==> flow/design.v <==
module gen_add_n #(
    parameter WIDTH = 8,
    parameter NIN = 24,
    parameter RW = WIDTH + $clog2(NIN)
) (
    input ck,
    input clr,
    input en,
    input [NIN*WIDTH-1:0] i_ch,
    output reg [RW-1:0] o_o
);
    reg [NIN*WIDTH-1:0] ch_q;
    wire [RW-1:0] n_ [1:2*NIN-1];
    genvar gi;
    generate
        for (gi = 0; gi < NIN; gi = gi + 1) begin : g_bit
            assign n_[NIN+gi] = ch_q[gi*WIDTH +: WIDTH];
        end
        for (gi = 1; gi < NIN; gi = gi + 1) begin : stage
            assign n_[gi] = n_[2*gi] + n_[2*gi+1];
        end
    endgenerate
    always @(posedge ck or posedge clr) begin
        if (clr) begin
            ch_q <= 0;
            o_o <= 0;
        end else if (en) begin
            ch_q <= i_ch;
            o_o <= n_[1];
        end
    end
endmodule
== Reports on gen_add_n ==
Tool output for the design above, in the order of the flow.
Lines are those of the file above, counted from 1.
The mark -- stands for no value.
Set-up
  top module: gen_add_n
  clock input: ck
  cell library: sky130hd
  corner: tt_025C_1v80

== After elaboration ==
Yosys after proc, flatten, opt, wreduce and memory -nomap, before mapping. Enables and synchronous resets that opt folds into registers are not counted as muxes. Print and check cells are not counted. Equal cells are merged and count once.
Operators by class
  $add $sub $neg: 23
Operator list (number)
  13-bit adder: 11
  8-bit by 8-bit adder with 9-bit output: 12
Storage and ports
  register bits: 205
  output and inout bits: 13
  input port bits: 195
  cells after elaboration: 25

== Longest topological paths ==
Yosys ltp: most cells in a row. Word level: on the elaborated netlist, between registers, memories and ports. Mapped: between sequential cells and ports; inverters and the memories' decode and read muxes count.
Logic depth
  depth after elaboration: 5
  ABC_AREA: 0
  mapped depth: 23
  mapped depth without buffers: 23

== Synthesis result ==
Source: synth_stat.txt of the flow (Yosys; design flattened, memories mapped). It holds for the ABC_AREA given above (unset counts as 0); a run with the other value may have another netlist.
The area totals of this step are shown rounded.
Synthesis totals
  buffer cells: 24
  chip area (Yosys): 13600 um2
  mapped cells: 1144
  area of sequential cells: 5130 um2
  mapped flip-flops: 205
Cell types
  sky130_fd_sc_hd__dfrtp_1: number 205, area in all 5129.92 um2
  sky130_fd_sc_hd__mux2_2: number 189, area in all 2.13E+03 um2
  sky130_fd_sc_hd__fa_1: number 99, area in all 1.98E+03 um2
  sky130_fd_sc_hd__ha_1: number 114, area in all 1.43E+03 um2
  sky130_fd_sc_hd__inv_1: number 112, area in all 420.403 um2
  sky130_fd_sc_hd__xnor2_1: number 43, area in all 376.611 um2
  sky130_fd_sc_hd__xor2_1: number 31, area in all 271.51 um2
  sky130_fd_sc_hd__nor2_1: number 63, area in all 236.477 um2
  sky130_fd_sc_hd__nor3_1: number 41, area in all 205.197 um2
  sky130_fd_sc_hd__nand2_1: number 48, area in all 180.173 um2
  sky130_fd_sc_hd__a21oi_1: number 26, area in all 130.125 um2
  sky130_fd_sc_hd__nand3_1: number 25, area in all 125.12 um2
  sky130_fd_sc_hd__buf_2: number 20, area in all 100.096 um2
  sky130_fd_sc_hd__o41ai_1: number 11, area in all 96.342 um2
  sky130_fd_sc_hd__a21o_1: number 12, area in all 90.086 um2
  sky130_fd_sc_hd__o211ai_1: number 12, area in all 90.086 um2
  sky130_fd_sc_hd__o21bai_1: number 12, area in all 90.086 um2
  sky130_fd_sc_hd__o21ai_1: number 14, area in all 70.067 um2
Not listed: further types 24, cells in them 67.

== Path before layout ==
Source: OpenSTA report_checks on the synthesized netlist (no wires, ideal clock, input and output delay 20% of the period each), path of least setup slack; recovery checks are left aside. Register names are those of the netlist, which keeps one name where synthesis merged equal registers.
Path post-synthesis
  path type: flip-flop to flip-flop
  start point: register ch_q[128]
  end point: register o_o[11]
  buffers on the path: 0
  data arrival time: 5497 ps
  path delay: 5628 ps
  launch time at the first pin: 0 ps
  setup slack: 1411 ps
  driving pins on the path: 21
  required time: 6909 ps
  library setup time: 131 ps
  period: 7040 ps
  synthesis period reached: 5629 ps
"path delay" = arrival - input delay + setup time.
"driving pins on the path": output pins that drive a net of the path, with the launching flip-flop's if there is one; two outputs of one cell count as two.
"synthesis period reached" = period - worst setup slack (recovery checks aside). The figure is calculated, with input and output delays left at 20% of the set period.
Between the ends stands the longest chain of elaborated cells between them, by number of cells; it is not shown to be the way that was timed. Of several equally long chains one is given.
Each line given opens the expression or statement behind the cell; cells for indexed reads and writes are added by Yosys, which also makes memories of some case tables.
Between the ends, post-synthesis
  cells stage by stage: sky130_fd_sc_hd__dfrtp_1 -> sky130_fd_sc_hd__ha_1 -> sky130_fd_sc_hd__fa_1 -> sky130_fd_sc_hd__a21o_1 -> sky130_fd_sc_hd__a21oi_1 -> sky130_fd_sc_hd__o21ai_1 -> sky130_fd_sc_hd__o41ai_1 -> sky130_fd_sc_hd__fa_1 -> sky130_fd_sc_hd__inv_1 -> sky130_fd_sc_hd__fa_1 -> sky130_fd_sc_hd__fa_1 -> sky130_fd_sc_hd__fa_1 -> sky130_fd_sc_hd__inv_1 -> sky130_fd_sc_hd__fa_1 -> sky130_fd_sc_hd__inv_1 -> sky130_fd_sc_hd__ha_1 -> sky130_fd_sc_hd__a21oi_1 -> sky130_fd_sc_hd__nor2_1 -> sky130_fd_sc_hd__a211oi_1 -> sky130_fd_sc_hd__a2bb2oi_1 -> sky130_fd_sc_hd__nand3_1
  cells in the longest elaborated chain: 5
  elaborated cells between the ends (all ways): 5
  source lines of those cells: 1
  classes of those cells: add/sub: 5
RTL lines, path post-synthesis
  start: declaration: line 12  | reg [NIN*WIDTH-1:0] ch_q;
  start: assignment: line 25  | ch_q <= 0;
  start: assignment: line 28  | ch_q <= i_ch;
  8-bit by 8-bit adder with 9-bit output: line 20  | assign n_[gi] = n_[2*gi] + n_[2*gi+1];
  13-bit adder (4 in a row): line 20
  end: assignment: line 26  | o_o <= 0;
  end: assignment: line 29  | o_o <= n_[1];
  end: declaration: line 10  | output reg [RW-1:0] o_o

== Timing after layout ==
From the final timing report of entry A: the path of least setup slack in the routed layout; clock arrival at registers is part of the times.
The path's times are printed in steps of 10 ps; the period is the one set.
Path after layout
  path type: flip-flop to flip-flop
  start point: register ch_q[128]
  end point: register o_o[11]
  data arrival time: 6390 ps
  period: 7040 ps
  setup slack: 1040 ps
  buffers on the path: 0
  required time: 7440 ps
  launch time at the first pin: 520 ps
  library setup time: 120 ps
  driving pins on the path: 21
Between the ends stands the longest chain of elaborated cells between them, by number of cells; it is not shown to be the way that was timed. Of several equally long chains one is given.
Between the ends, after layout
  cells stage by stage: sky130_fd_sc_hd__dfrtp_1 -> sky130_fd_sc_hd__ha_1 -> sky130_fd_sc_hd__fa_1 -> sky130_fd_sc_hd__a21o_1 -> sky130_fd_sc_hd__a21oi_1 -> sky130_fd_sc_hd__o21ai_1 -> sky130_fd_sc_hd__o41ai_1 -> sky130_fd_sc_hd__fa_1 -> sky130_fd_sc_hd__inv_1 -> sky130_fd_sc_hd__fa_1 -> sky130_fd_sc_hd__fa_1 -> sky130_fd_sc_hd__fa_1 -> sky130_fd_sc_hd__inv_1 -> sky130_fd_sc_hd__fa_1 -> sky130_fd_sc_hd__inv_1 -> sky130_fd_sc_hd__ha_1 -> sky130_fd_sc_hd__a21oi_1 -> sky130_fd_sc_hd__nor2_1 -> sky130_fd_sc_hd__a211oi_1 -> sky130_fd_sc_hd__a2bb2oi_1 -> sky130_fd_sc_hd__nand3_1
  cells in the longest elaborated chain: 5
  elaborated cells between the ends (all ways): 5
  source lines of those cells: 1
  classes of those cells: add/sub: 5
RTL lines, path after layout
  start: declaration: line 12  | reg [NIN*WIDTH-1:0] ch_q;
  start: assignment: line 25  | ch_q <= 0;
  start: assignment: line 28  | ch_q <= i_ch;
  8-bit by 8-bit adder with 9-bit output: line 20  | assign n_[gi] = n_[2*gi] + n_[2*gi+1];
  13-bit adder (4 in a row): line 20
  end: assignment: line 26  | o_o <= 0;
  end: assignment: line 29  | o_o <= n_[1];
  end: declaration: line 10  | output reg [RW-1:0] o_o

## Implementation results

gen_add_n through Yosys and OpenROAD on sky130hd: 3 stored runs, unordered, with their settings and measured results. The constraints put input and output delay at 20% of the set period each and load the outputs with 0.01 pF.
"worst setup path time" means the part of the period allowed to the worst setup path (the constraints hold back 20% at inputs and 20% at outputs) less its slack; where the path has registers, the arrival times of their clocks count too.
"worst setup path time" is known to 10 ps.
Values from the reports are rounded here.

Entry A
==> flow/run.sh <==
#!/bin/bash
# the make line also repeats the synthesis and layout settings of config.mk as NAME=value (left out here)
make -C /OpenROAD-flow-scripts/flow DESIGN_CONFIG=/design/flow/config.mk WORK_HOME=/design/flow/orfs CLKGATE_MAP_FILE= finish
==> flow/config.mk <==
export PLATFORM = sky130hd
export DESIGN_NAME = gen_add_n
export DESIGN_NICKNAME = gen_add_n
export VERILOG_FILES = /design/flow/design.v
export SDC_FILE = /design/flow/constraint.sdc
export NUM_CORES = 4
export LEC_CHECK = 0
export CAP_MARGIN = 20
export CORE_MARGIN = 2
export CORE_UTILIZATION = 40
export SLEW_MARGIN = 20
==> flow/constraint.sdc <==
create_clock -name core_clock -period 7.04 [get_ports {ck}]
set_input_delay 1.4080 -clock core_clock [delete_from_list [all_inputs] [get_ports {ck}]]
set_output_delay 1.4080 -clock core_clock [all_outputs]
set_load 0.01 [all_outputs]

==> results of entry A <==
chip area after synthesis (Yosys): 13600 um2
die area: 35500 um2
standard-cell area of the final layout: 17000 um2
utilization: 0.508
worst setup slack after layout: 1040 ps
total negative slack: 0 ps
worst hold slack: 483 ps
worst setup path time: 6000 ps
worst setup path kind: flip-flop to flip-flop

Entry B
==> flow/run.sh <==
#!/bin/bash
# the make line also repeats the synthesis and layout settings of config.mk as NAME=value (left out here)
make -C /OpenROAD-flow-scripts/flow DESIGN_CONFIG=/design/flow/config.mk WORK_HOME=/design/flow/orfs CLKGATE_MAP_FILE= finish
==> flow/config.mk <==
export PLATFORM = sky130hd
export DESIGN_NAME = gen_add_n
export DESIGN_NICKNAME = gen_add_n
export VERILOG_FILES = /design/flow/design.v
export SDC_FILE = /design/flow/constraint.sdc
export NUM_CORES = 4
export LEC_CHECK = 0
export CAP_MARGIN = 20
export CELL_PAD_IN_SITES_DETAIL_PLACEMENT = 2
export CELL_PAD_IN_SITES_GLOBAL_PLACEMENT = 3
export CORE_MARGIN = 2
export CORE_UTILIZATION = 39
export GPL_ROUTABILITY_DRIVEN = 0
export MIN_ROUTING_LAYER = met2
export PLACE_DENSITY = 0.53
export SETUP_SLACK_MARGIN = 1.77
export SLEW_MARGIN = 20
export TNS_END_PERCENT = 10
==> flow/constraint.sdc <==
create_clock -name core_clock -period 8.59 [get_ports {ck}]
set_input_delay 1.7180 -clock core_clock [delete_from_list [all_inputs] [get_ports {ck}]]
set_output_delay 1.7180 -clock core_clock [all_outputs]
set_load 0.01 [all_outputs]

==> results of entry B <==
chip area after synthesis (Yosys): 13600 um2
die area: 36400 um2
standard-cell area of the final layout: 17100 um2
utilization: 0.495
worst setup slack after layout: 2450 ps
total negative slack: 0 ps
worst hold slack: 482 ps
worst setup path time: 6140 ps
worst setup path kind: flip-flop to flip-flop

Entry C
==> flow/run.sh <==
#!/bin/bash
# the make line also repeats the synthesis and layout settings of config.mk as NAME=value (left out here)
make -C /OpenROAD-flow-scripts/flow DESIGN_CONFIG=/design/flow/config.mk WORK_HOME=/design/flow/orfs CLKGATE_MAP_FILE= finish
==> flow/config.mk <==
export PLATFORM = sky130hd
export DESIGN_NAME = gen_add_n
export DESIGN_NICKNAME = gen_add_n
export VERILOG_FILES = /design/flow/design.v
export SDC_FILE = /design/flow/constraint.sdc
export NUM_CORES = 4
export LEC_CHECK = 0
export CAP_MARGIN = 20
export CORE_ASPECT_RATIO = 0.54
export CORE_MARGIN = 9
export CORE_UTILIZATION = 49
export CTS_CLUSTER_DIAMETER = 196
export CTS_CLUSTER_SIZE = 98
export GPL_TIMING_DRIVEN = 0
export MAX_ROUTING_LAYER = met4
export MIN_ROUTING_LAYER = met1
export PLACE_DENSITY_LB_ADDON = 0.25
export SLEW_MARGIN = 5
==> flow/constraint.sdc <==
create_clock -name core_clock -period 8.79 [get_ports {ck}]
set_input_delay 1.7580 -clock core_clock [delete_from_list [all_inputs] [get_ports {ck}]]
set_output_delay 1.7580 -clock core_clock [all_outputs]
set_load 0.01 [all_outputs]

==> results of entry C <==
chip area after synthesis (Yosys): 13600 um2
die area: 34400 um2
standard-cell area of the final layout: 16400 um2
utilization: 0.605
worst setup slack after layout: 2490 ps
total negative slack: 0 ps
worst hold slack: 527 ps
worst setup path time: 6300 ps
worst setup path kind: flip-flop to flip-flop
